==> flow/design.v <==
module cpu_adder_n #(
  parameter WIDTH = 36
) (
  input  wire core_clk,
  input  wire [WIDTH-1:0] in_rs1,
  input  wire [WIDTH-1:0] in_rs2,
  input  wire in_c0,
  output reg [WIDTH-1:0] out_q,
  output reg out_carry_out
);
  reg [WIDTH-1:0] rs1_q;
  always @(posedge core_clk)
    rs1_q <= in_rs1;
  reg [WIDTH-1:0] rs2_q;
  always @(posedge core_clk)
    rs2_q <= in_rs2;
  reg c0_q;
  always @(posedge core_clk)
    c0_q <= in_c0;
  wire [WIDTH-1:0] nxt;
  wire [WIDTH:0] carry;
  assign carry[0] = c0_q;
  genvar ii;
  generate
    for (ii = 0; ii < WIDTH; ii = ii + 1) begin : blk
      assign nxt[ii] = rs1_q[ii] ^ rs2_q[ii] ^ carry[ii];
      assign carry[ii+1] = (rs1_q[ii] & rs2_q[ii]) | (carry[ii] & (rs1_q[ii] ^ rs2_q[ii]));
    end
  endgenerate
  always @(posedge core_clk)
    out_q <= nxt;
  always @(posedge core_clk)
    out_carry_out <= carry[WIDTH];
endmodule
## Reports on cpu_adder_n

Tool output for the design above, in the order of the flow.
Line numbers count from 1 in the design file above.
Library cell names are shortened.
A cell with - has no value.

| set-up | value |
|---|---|
| design top | cpu_adder_n |
| clock | core_clk |
| library | sky130hd |
| corner | tt_025C_1v80 |

## After elaboration

Source: Yosys, flattened and elaborated, memories not mapped. Widths are those after wreduce; folded enables and synchronous resets count as part of the registers. Registers that Yosys merges into a memory's read port (data or address) are not register bits. Print and check cells do not count. Equal cells are merged and count once.

| word-level totals | value |
|---|---|
| register bits after elaboration | 110 |
| bits in latches | 0 |
| bits in writable memories | 0 |
| ROM bits | 0 |
| word width x clocked read ports | 0 |
| memory cells | 0 |
| input bits | 74 |
| output and inout bits | 37 |
| cells after elaboration | 185 |

| operators by class | value |
|---|---|
| add/subtract/negate cells | 0 |
| multiply operators | 0 |
| div/mod/pow operators | 0 |
| magnitude comparators | 0 |
| eq/ne operators | 0 |
| shift-type cells | 0 |
| mux-type cells | 0 |
| bitwise logic cells | 180 |
| reduce/logical cells | 0 |

Operators with widths:

| kind | number |
|---|---|
| bitwise AND 1 bit | 72 |
| bitwise XOR 1 bit | 72 |
| bitwise OR 1 bit | 36 |

## Logic depth

Longest topological path by Yosys (ltp), each cell counted once; first at word level (registers and memories cut), then after technology mapping (sequential cells cut; the memories' decode and read muxes count).

| logic depth | value |
|---|---|
| depth after elaboration | 73 |
| ABC_AREA | 0 |
| gate-level depth with buffers | 40 |
| depth with buffers taken out | 40 |

## Netlist

Yosys stat after the flow's synthesis: flattened, memories mapped to cells. It holds for the ABC_AREA given above (unset counts as 0); a run with the other value may have another netlist.

Cell types:

| type | number | area in all (um2) |
|---|---|---|
| dfxtp_1 | 110 | 2.2E+03 |
| fa_1 | 36 | 720.691 |
| inv_1 | 10 | 37.536 |

| synthesis totals | value |
|---|---|
| standard cells after synthesis | 156 |
| synthesis area | 2960.3 um2 |
| area of sequential cells | 2202.1 um2 |
| flip-flop cells | 110 |
| buffer cells | 0 |

## Worst setup path after synthesis

OpenSTA on the mapped netlist: ideal clock, no wires. The path of least setup slack (recovery checks aside). Input and output delay are each 20% of the period. Register names are those of the netlist, which keeps one name where synthesis merged equal registers.

| timing path after synthesis | value |
|---|---|
| path kind | reg-to-reg |
| start point | register rs1_q[0] |
| end point | register out_q[35] |
| clock period | 17.5 ns |
| setup time | 0.057 ns |
| time at the first pin | 0.000 ns |
| arrival time | 13.953 ns |
| data required time | 17.443 ns |
| path slack | 3.489 ns |
| path delay | 14.010 ns |
| stages on the path | 41 |
| buffers on the path | 0 |
| period reached after synthesis | 14.011 ns |

"path delay" = arrival - input delay + setup time.
"stages on the path": output pins that drive a net of the path, with the launching flip-flop's if there is one; two outputs of one cell count as two.
"period reached after synthesis" = period - worst setup slack (recovery checks aside). The figure is calculated, with input and output delays left at 20% of the set period.
Between the ends stands the longest chain of elaborated cells between them, by number of cells; it is not shown to be the way that was timed. Of several equally long chains one is given.
Each line given opens the expression or statement behind the cell; cells for indexed reads and writes are added by Yosys, which also makes memories of some case tables.

| on the way, after synthesis | value |
|---|---|
| path through | dfxtp_1 > fa_1 > fa_1 > fa_1 > fa_1 > fa_1 > fa_1 > fa_1 > fa_1 > fa_1 > fa_1 > fa_1 > fa_1 > fa_1 > fa_1 > fa_1 > fa_1 > fa_1 > [... 5 more ...] > fa_1 > fa_1 > fa_1 > fa_1 > fa_1 > fa_1 > fa_1 > fa_1 > fa_1 > fa_1 > fa_1 > inv_1 > fa_1 > inv_1 > fa_1 > inv_1 > fa_1 > inv_1 |
| length of the longest elaborated chain | 72 |
| elaborated cells on any way between the ends | 73 |
| those cells by class | logic (73) |

RTL lines, path after synthesis:

| item | RTL line | source |
|---|---|---|
| start: declaration | 11 | `reg [WIDTH-1:0] rs1_q;` |
| start: assignment | 13 | `rs1_q <= in_rs1;` |
| bitwise XOR 1 bit | 27 | `assign carry[ii+1] = (rs1_q[ii] & rs2_q[ii]) \| (carry[ii] & (rs1_q[ii] ^ rs2_q[ii]));` |
| bitwise AND 1 bit | 27 |  |
| bitwise OR 1 bit | 27 |  |
| bitwise AND 1 bit | 27 |  |
| bitwise OR 1 bit | 27 |  |
| bitwise AND 1 bit | 27 |  |
| bitwise OR 1 bit | 27 |  |
| [... 58 more ...] | - |  |
| bitwise AND 1 bit | 27 |  |
| bitwise OR 1 bit | 27 |  |
| bitwise AND 1 bit | 27 |  |
| bitwise OR 1 bit | 27 |  |
| bitwise AND 1 bit | 27 |  |
| bitwise OR 1 bit | 27 |  |
| bitwise XOR 1 bit | 26 | `assign nxt[ii] = rs1_q[ii] ^ rs2_q[ii] ^ carry[ii];` |
| end: assignment | 31 | `out_q <= nxt;` |
| end: declaration | 8 | `output reg [WIDTH-1:0] out_q,` |

## Path in the finished layout

From the final timing report of job 1: the path of least setup slack in the routed layout; clock arrival at registers is part of the times.

| timing path after layout | value |
|---|---|
| path kind | reg-to-reg |
| start point | register rs1_q[0] |
| end point | register out_q[35] |
| clock period | 22.9 ns |
| setup time | 0.05 ns |
| time at the first pin | 0.34 ns |
| arrival time | 14.94 ns |
| data required time | 23.19 ns |
| path slack | 8.25 ns |
| stages on the path | 41 |
| buffers on the path | 0 |

Between the ends stands the longest chain of elaborated cells between them, by number of cells; it is not shown to be the way that was timed. Of several equally long chains one is given.

| on the way, after layout | value |
|---|---|
| path through | dfxtp_1 > fa_1 > fa_1 > fa_1 > fa_1 > fa_1 > fa_1 > fa_1 > fa_1 > fa_1 > fa_1 > fa_1 > fa_1 > fa_1 > fa_1 > fa_1 > fa_1 > fa_1 > [... 5 more ...] > fa_1 > fa_1 > fa_1 > fa_1 > fa_1 > fa_1 > fa_1 > fa_1 > fa_1 > fa_1 > fa_1 > inv_1 > fa_1 > inv_1 > fa_1 > inv_1 > fa_1 > inv_1 |
| length of the longest elaborated chain | 72 |
| elaborated cells on any way between the ends | 73 |
| those cells by class | logic (73) |

RTL lines, path after layout:

| item | RTL line | source |
|---|---|---|
| start: declaration | 11 | `reg [WIDTH-1:0] rs1_q;` |
| start: assignment | 13 | `rs1_q <= in_rs1;` |
| bitwise XOR 1 bit | 27 | `assign carry[ii+1] = (rs1_q[ii] & rs2_q[ii]) \| (carry[ii] & (rs1_q[ii] ^ rs2_q[ii]));` |
| bitwise AND 1 bit | 27 |  |
| bitwise OR 1 bit | 27 |  |
| bitwise AND 1 bit | 27 |  |
| bitwise OR 1 bit | 27 |  |
| bitwise AND 1 bit | 27 |  |
| bitwise OR 1 bit | 27 |  |
| [... 58 more ...] | - |  |
| bitwise AND 1 bit | 27 |  |
| bitwise OR 1 bit | 27 |  |
| bitwise AND 1 bit | 27 |  |
| bitwise OR 1 bit | 27 |  |
| bitwise AND 1 bit | 27 |  |
| bitwise OR 1 bit | 27 |  |
| bitwise XOR 1 bit | 26 | `assign nxt[ii] = rs1_q[ii] ^ rs2_q[ii] ^ carry[ii];` |
| end: assignment | 31 | `out_q <= nxt;` |
| end: declaration | 8 | `output reg [WIDTH-1:0] out_q,` |

Hand-over note for cpu_adder_n

Settings and measured results of 3 stored flow runs for module cpu_adder_n (sky130hd), not sorted in any way. The constraints put input and output delay at 20% of the set period each and load the outputs with 0.01 pF.
"period achieved" means the clock period less the worst setup slack. The figure is calculated, with input and output delays left at 20% of the set period.
"worst path time": the worst setup path's part of the clock period (all of it between registers, 20% less for each end at a port) less its slack. A launch clock that arrives late makes it longer, a capture clock that arrives late makes it shorter.
By "power consumption" is meant OpenSTA's value without simulated activity: inputs other than the clock are taken to toggle once in ten clock periods, and the tool carries that through the logic.

#### Job 1

| setting | value |
|---|---|
| period_ns | `22.9` |
| CORE_UTILIZATION | `19` |
| PLACE_DENSITY_LB_ADDON | `0.13` |
| CELL_PAD_IN_SITES_GLOBAL_PLACEMENT | `3` |
| TNS_END_PERCENT | `60` |
| GPL_TIMING_DRIVEN | `1` |
| CTS_CLUSTER_SIZE | `21` |
| CTS_CLUSTER_DIAMETER | `379` |
| MAX_ROUTING_LAYER | `met5` |
| CAP_MARGIN | `20` |
| CORE_MARGIN | `2` |
| SLEW_MARGIN | `20` |

| result | value |
|---|---|
| area of the standard cells in the finished layout | 4588.1 um2 |
| period achieved | 14.649 ns |
| post-layout utilization | 30.2% |
| power consumption | 0.4294 mW |
| total negative setup slack | 0.000 ns |
| worst setup slack after layout | 8.251 ns |
| worst-case hold slack | 0.502 ns |
| area inside the die boundary | 16594.6 um2 |
| worst path time | 14.65 ns |
| critical path type | reg-to-reg |
| netlist area reported by Yosys | 2960.3 um2 |

#### Job 2

| setting | value |
|---|---|
| period_ns | `25.8` |
| CORE_UTILIZATION | `54` |
| PLACE_DENSITY | `0.38` |
| GPL_TIMING_DRIVEN | `1` |
| GPL_ROUTABILITY_DRIVEN | `0` |
| CTS_CLUSTER_SIZE | `66` |
| CAP_MARGIN | `10` |
| MIN_ROUTING_LAYER | `met1` |
| CORE_MARGIN | `2` |
| SLEW_MARGIN | `20` |

| result | value |
|---|---|
| area of the standard cells in the finished layout | 4315.4 um2 |
| period achieved | 14.567 ns |
| post-layout utilization | 82.9% |
| power consumption | 0.3320 mW |
| total negative setup slack | 0.000 ns |
| worst setup slack after layout | 11.233 ns |
| worst-case hold slack | 0.510 ns |
| area inside the die boundary | 6090.2 um2 |
| worst path time | 14.57 ns |
| critical path type | reg-to-reg |
| netlist area reported by Yosys | 2960.3 um2 |

#### Job 3

| setting | value |
|---|---|
| period_ns | `17.5` |
| CAP_MARGIN | `20` |
| CORE_MARGIN | `2` |
| CORE_UTILIZATION | `40` |
| SLEW_MARGIN | `20` |

| result | value |
|---|---|
| area of the standard cells in the finished layout | 4366.7 um2 |
| period achieved | 14.552 ns |
| post-layout utilization | 60.5% |
| power consumption | 0.4971 mW |
| total negative setup slack | 0.000 ns |
| worst setup slack after layout | 2.948 ns |
| worst-case hold slack | 0.507 ns |
| area inside the die boundary | 8105.4 um2 |
| worst path time | 14.55 ns |
| critical path type | reg-to-reg |
| netlist area reported by Yosys | 2960.3 um2 |

End of note.
